==> flow/design.v <==
module core_reg_file (core_clk, write, wr_idx, write_data, rd_idx_a, rd_idx_b, rd_data_a, rd_data_b);
    parameter D = 40;
    parameter BITS = 2;
    localparam ABITS = $clog2(D);
    input core_clk;
    input write;
    input [ABITS-1:0] wr_idx;
    input [BITS-1:0] write_data;
    input [ABITS-1:0] rd_idx_a;
    input [ABITS-1:0] rd_idx_b;
    output reg [BITS-1:0] rd_data_a;
    output reg [BITS-1:0] rd_data_b;
    reg [BITS-1:0] regs [0:D-1];
    always @(posedge core_clk) begin
        if (write)
            regs[wr_idx] <= write_data;
    end
    always @(posedge core_clk) begin
        rd_data_a <= (write && wr_idx == rd_idx_a) ? write_data : regs[rd_idx_a];
        rd_data_b <= (write && wr_idx == rd_idx_b) ? write_data : regs[rd_idx_b];
    end
endmodule
# From RTL to reports: core_reg_file
# Tool output for the design above, in the order of the flow.
# Line numbers count from 1 in the design file above.
# Operators carry their Yosys type and port widths (W data, S select, Z words).
# Cell names lack the library's common part.
setup:
  design: "core_reg_file"
  clock: "core_clk"
  library: "sky130hd"
  lib_corner: "tt_025C_1v80"

# Elaborated design
# Counts by Yosys on the flattened word-level netlist (proc, flatten, opt, wreduce; memories kept). Register bits leave out memories and registers merged into their read ports (data or address); mux counts leave out enables and synchronous resets folded into registers. Print and check cells are left out. Cells with the same type and inputs are merged into one.
# Yosys's memory passes give these memory sizes; they may raise the number of words (mostly to a power of two), join words into wider ones and drop unused or constant bits.
op_classes:
  n_logic: 0
  mul: 0
  reduce_and_logical: 0
  n_eq: 0
  n_addsub: 0
  mux: 3
  cmp: 0
  n_shift: 0
  n_div: 0
op_table:
  columns: ["op", "count"]
  rows:
  - ["$mux W6", 1]
  - ["$mux W2", 1]
  - ["$mux W1", 1]
word_totals:
  clocked_rd_ports_x_width: 4
  mem_bits_ro: 0
  word_cells: 4
  in_bits: 22
  ram_bits: 80
  latch_bits: 0
  regBits: 0
  memories: 1
memory_table:
  columns: ["memory", "words", "width", "rd", "wr", "line", "source"]
  rows:
  - ["regs", 40, 2, 2, 1, 13, "reg [BITS-1:0] regs [0:D-1];"]

# Longest topological paths
# Yosys ltp: most cells in a row. Word level: on the elaborated netlist, between registers, memories and ports. Mapped: between sequential cells and ports; inverters and the memories' decode and read muxes count.
depth:
  depth_word: 1
  abc_area: 0
  depth_mapped: 6

# Mapped cells and area
# Yosys stat after the flow's synthesis: flattened, memories mapped to cells. It holds for the ABC_AREA given above (unset counts as 0); a run with the other value may have another netlist.
by_type:
  columns: ["type", "count", "type_area_um2"]
  rows:
  - ["edfxtp_1", 80, 2.4E+03]
  - ["mux4_2", 20, 450.432]
  - ["mux2i_1", 32, 320.307]
  - ["mux4_1", 12, 315.302]
  - ["dfxtp_1", 12, 240.23]
  - ["nor2_1", 40, 150.144]
  - ["nor2b_1", 13, 81.328]
  - ["buf_6", 4, 45.043]
  - ["mux2_2", 4, 45.043]
  - ["a221o_1", 4, 40.038]
  - ["buf_12", 2, 40.038]
  - ["nand2_1", 10, 37.536]
  - ["a2111oi_0", 4, 35.034]
  - ["nand2b_1", 5, 31.28]
  - ["a211oi_1", 4, 30.029]
  - ["buf_2", 6, 30.029]
  - ["o31ai_1", 4, 30.029]
  - ["nand3_1", 4, 20.019]
# Not listed: further types 7, cells in them 13.
synth_totals:
  yosys_area_um2: 4421.7
  ff_cells: 92
  mapped_cells: 273
  buf_cells: 16

# Path before layout
# OpenSTA on the mapped netlist: ideal clock, no wires. The path of least setup slack (recovery checks aside). Input and output delay are each 20% of the period. Register names are those of the netlist, which keeps one name where synthesis merged equal registers.
synth_timing:
  path_type: "reg2out"
  start: "reg (no name shown)"
  end: "out rd_data_a[1]"
  arrival_ns: 1.807
  n_path_buf: 2
  output_delay_ns: 0.564
  required_time_ns: 2.256
  stages: 7
  delay_ns: 1.807
  tclk_ns: 2.82
  slack_ns: 0.449
  synth_period_reached_ns: 2.371
# "delay_ns" = arrival - input delay + setup time.
# At an output port there is no setup time.
# "stages" counts driving pins, that of a launching flip-flop among them; a cell with two outputs on the path counts twice.
# "synth_period_reached_ns" = period - worst setup slack (recovery checks aside). The figure is calculated, with input and output delays left at 20% of the set period.
synth_between:
  path_cell_list: "dfxtp_1 > buf_6 > buf_12 > mux2i_1 > mux4_2 > a221o_1 > o31ai_1"
synth_lines:
  columns: ["item", "line", "source"]
  rows:
  - ["end, declared", 11, "output reg [BITS-1:0] rd_data_a;"]
# No chain of elaborated cells between the ends is given.

# Path in the finished layout
# From the final timing report of flow run A: the path of least setup slack in the routed layout; clock arrival at registers is part of the times.
layout_timing:
  path_type: "reg2out"
  start: "reg (no name shown)"
  end: "out rd_data_b[1]"
  output_delay_ns: 0.84
  arrival_ns: 3.04
  stages: 7
  slack_ns: 0.33
  n_path_buf: 2
  tclk_ns: 4.22
  required_time_ns: 3.38
layout_between:
  path_cell_list: "dfxtp_1 > buf_4 > mux2i_1 > mux4_2 > a221o_1 > o31ai_1 > clkdlybuf4s50_1"
layout_lines:
  columns: ["item", "line", "source"]
  rows:
  - ["end, declared", 12, "output reg [BITS-1:0] rd_data_b;"]
# No chain of elaborated cells between the ends is given.

# Measured results for core_reg_file: 3 stored runs of the Yosys and OpenROAD flow on sky130hd. The settings differ; the order carries no meaning. The constraints put input and output delay at 20% of the set period each and load the outputs with 0.01 pF.
# "clock_period_reached_ns" is the run's clock period less its worst setup slack. It is reckoned from that one timing run; input and output delays stay at 20% of the period that was set.
# "worst_path_ns" is the time allowed to the run's worst setup path (the clock period less input and output delay, where it has them) less its slack. Clock arrival times count: a late capture clock shortens it, a late launch clock lengthens it.
# "totalPower_mw" rests on the timing tool's default activity at the inputs, not on a simulated workload.
runs:
  - name: "flow run A"
    settings:
      period_ns: 4.22
      CORE_UTILIZATION: 53
      PLACE_DENSITY: 0.87
      CELL_PAD_IN_SITES_DETAIL_PLACEMENT: 1
      TNS_END_PERCENT: 60
      GPL_ROUTABILITY_DRIVEN: 0
      CAP_MARGIN: 25
      SLEW_MARGIN: 30
      MIN_ROUTING_LAYER: "met1"
      MAX_ROUTING_LAYER: "met4"
      CORE_MARGIN: 2
    results:
      post_synth_area_um2: 4421.7
      dieArea_um2: 9089.7
      stdcell_area_um2: 4916.0
      post_route_util_pct: 60.4
      worstSetupSlack_ns: 0.331
      tns_setup_ns: 0.000
      fin_hold_ws_ns: 0.910
      totalPower_mw: 1.772
      clock_period_reached_ns: 3.889
      worst_path_ns: 3.04
      critical_path_type: "reg2out"
  - name: "flow run B"
    settings:
      period_ns: 2.82
      CAP_MARGIN: 20
      CORE_MARGIN: 2
      CORE_UTILIZATION: 40
      SLEW_MARGIN: 20
    results:
      post_synth_area_um2: 4421.7
      dieArea_um2: 11911.5
      stdcell_area_um2: 5317.6
      post_route_util_pct: 49.3
      worstSetupSlack_ns: -0.006
      tns_setup_ns: -0.010
      fin_hold_ws_ns: 0.646
      totalPower_mw: 2.740
      clock_period_reached_ns: 2.826
      worst_path_ns: 2.26
      critical_path_type: "reg2out"
  - name: "flow run C"
    settings:
      period_ns: 1.46
      CORE_UTILIZATION: 47
      SETUP_SLACK_MARGIN: 0.03
      PLACE_DENSITY_LB_ADDON: 0.14
      CORE_MARGIN: 5
      GPL_ROUTABILITY_DRIVEN: 1
      CTS_CLUSTER_DIAMETER: 274
      CAP_MARGIN: 0
      MIN_ROUTING_LAYER: "met2"
      SLEW_MARGIN: 20
    results:
      post_synth_area_um2: 4421.7
      dieArea_um2: 11447.9
      stdcell_area_um2: 5620.4
      post_route_util_pct: 61.1
      worstSetupSlack_ns: -1.230
      tns_setup_ns: -4.699
      fin_hold_ws_ns: 0.360
      totalPower_mw: 5.230
      clock_period_reached_ns: 2.690
      worst_path_ns: 2.40
      critical_path_type: "reg2out"
